==> flow/design.v <==
module shifter_stage #(
    parameter DATA_W = 8,
    parameter LG = $clog2(DATA_W)
) (
    input wire clk,
    input wire rst_i,
    input wire [DATA_W-1:0] din,
    input wire [LG-1:0] sh,
    output reg [DATA_W-1:0] res
);
    wire [2*DATA_W-1:0] cur;
    assign cur = {din, din} >> sh;
    always @(posedge clk) begin
        if (rst_i) begin
            res <= 0;
        end else begin
            res <= cur[DATA_W-1:0];
        end
    end
endmodule
# == From RTL to reports: shifter_stage ==
# What the tools print for shifter_stage, step after step.
# Line numbers count from 1 in the design file above.
# Operators carry their Yosys type and port widths (W data, S select, Z words).
# Cell names lack the library's common part.
# The mark - stands for no value.
# setup
top_module,shifter_stage
clk_port,clk
cell_library,sky130hd
corner,tt_025C_1v80

# == Word level ==
# Counts by Yosys on the flattened word-level netlist (proc, flatten, opt, wreduce; memories kept). Register bits leave out memories and registers merged into their read ports (data or address); mux counts leave out enables and synchronous resets folded into registers. Print and check cells are left out. Cells with the same type and inputs are merged into one.
# op_classes
shifts,1
# ops
cell,n
$shr A16 B3 Y8,1
# word_totals
reg_bits,8
input_bits,13
out_inout_bits,8

# == Longest topological paths ==
# Longest topological path by Yosys (ltp), each cell counted once; first at word level (registers and memories cut), then after technology mapping (sequential cells cut; the memories' decode and read muxes count).
# logic_depth
word_depth,1
ABC_AREA,0
ltp_mapped,4
mapped_depth_nobuf,3

# == After synthesis ==
# Yosys stat after the flow's synthesis: flattened, memories mapped to cells. It holds for the ABC_AREA given above (unset counts as 0); a run with the other value may have another netlist.
# Totals and module areas in this step are rounded.
# synth_totals
cell_count,49
area_um2,473
flip_flops,8
n_buf,5
# by_type
cell_type,n
dfxtp_1,8
mux2_4,8
o22ai_1,16
nor3_1,8
nand2b_1,2
buf_6,1
buf_2,2
or2_2,1
clkbuf_2,1
buf_1,1
nand2_1,1

# == Path before layout ==
# OpenSTA on the mapped netlist: ideal clock, no wires. The path of least setup slack (recovery checks aside). Input and output delay are each 20% of the period. Register names are those of the netlist, which keeps one name where synthesis merged equal registers.
# synth_path
path_kind,input to register
start,input sh[2]
end,register res[6]
period_ns,1.22
t_first_pin_ns,0.244
arrival_ns,0.899
required_time_ns,1.092
slack_ns,0.193
path_delay_ns,0.783
path_stages,4
synth_period_reached_ns,1.027
# "path_delay_ns" is the arrival time less input delay plus setup time.
# "path_stages": output pins that drive a net of the path, with the launching flip-flop's if there is one; two outputs of one cell count as two.
# "synth_period_reached_ns" is the clock period less the worst setup slack; recovery checks do not enter. This is arithmetic on one report: input and output delays are still those of the set period (20% each).
# The rows between start and end are the longest chain of elaborated cells between them; the timing report does not say that the signal goes this way. Where chains are equally long, one stands for them.
# Each line given opens the expression or statement behind the cell; cells for indexed reads and writes are added by Yosys, which also makes memories of some case tables.
# synth_between
path_cell_list,buf_6 -> mux2_4 -> o22ai_1 -> nor3_1
elab_chain_len,1
cells_between,1
cone_lines,1
cone_classes,shift: 1
# synth_rtl
item,line,source
"start, declared",8,"input wire [LG-1:0] sh,"
$shr A16 B3 Y8,12,"assign cur = {din, din} >> sh;"
"end, assigned",15,res <= 0;
"end, assigned",17,res <= cur[DATA_W-1:0];
"end, declared",9,output reg [DATA_W-1:0] res

# == Path in the finished layout ==
# Path of least setup slack in the final report of record 1 (OpenROAD, finished layout, wires in). Where an end is a register, its clock arrival counts in the times.
# layout_path
path_kind,input to register
start,input din[0]
end,register res[7]
period_ns,1.1
t_first_pin_ns,0.22
arrival_ns,1.21
required_time_ns,1.22
slack_ns,0.01
path_stages,4
# The rows between start and end are the longest chain of elaborated cells between them; the timing report does not say that the signal goes this way. Where chains are equally long, one stands for them.
# layout_between
path_cell_list,clkdlybuf4s50_1 -> mux2_4 -> o22ai_1 -> nor3_1
elab_chain_len,1
cells_between,1
cone_lines,1
cone_classes,shift: 1
# layout_rtl
item,line,source
"start, declared",7,"input wire [DATA_W-1:0] din,"
$shr A16 B3 Y8,12,"assign cur = {din, din} >> sh;"
"end, assigned",15,res <= 0;
"end, assigned",17,res <= cur[DATA_W-1:0];
"end, declared",9,output reg [DATA_W-1:0] res

# Module shifter_stage, platform sky130hd: 3 stored runs of the flow (Yosys, OpenROAD) with differing settings, in no particular order. Input and output delays are each 20% of the period that was set; the output load is 0.01 pF.
# "period_less_ws_ns" is the run's clock period less its worst setup slack. It is reckoned from that one timing run; input and output delays stay at 20% of the period that was set.
# "worst_path_ns" means the part of the period allowed to the worst setup path (the constraints hold back 20% at inputs and 20% at outputs) less its slack; where the path has registers, the arrival times of their clocks count too.
# "power_mw" rests on the timing tool's default activity at the inputs, not on a simulated workload.
# The measured numbers are rounded.
# Among the settings, - means not set for that run.
# A result given as - is not shown for that run.
run name,period_ns,CORE_UTILIZATION,SETUP_SLACK_MARGIN,PLACE_DENSITY_LB_ADDON,CORE_ASPECT_RATIO,CORE_MARGIN,CELL_PAD_IN_SITES_DETAIL_PLACEMENT,CAP_MARGIN,SLEW_MARGIN,CELL_PAD_IN_SITES_GLOBAL_PLACEMENT,GPL_ROUTABILITY_DRIVEN,CTS_CLUSTER_DIAMETER,MAX_ROUTING_LAYER,synthesis_area_um2,design.die.area_um2,final_cell_area_um2,layout_utilization_frac,setup_ws_ns,final_setup_tns_ns,power_mw,period_less_ws_ns,worst_path_ns,worst_setup_path_type
record 1,1.1,29,-0.05,0.05,1.48,9,0,0,20,-,-,-,-,473,3440,741,0.49,0.010,0.000,0.788,1.090,0.87,input to register
record 2,0.739,66,-,0.04,1.55,2,0,25,20,3,1,109,met4,-,-,-,-,-,-,-,-,-,-
record 3,1.22,40,-,-,-,2,-,20,20,-,-,-,-,473,1470,723,0.651,0.111,0.000,0.704,1.109,0.86,input to register
# Record 2: no final report: floorplanning broke off with PDN-0185
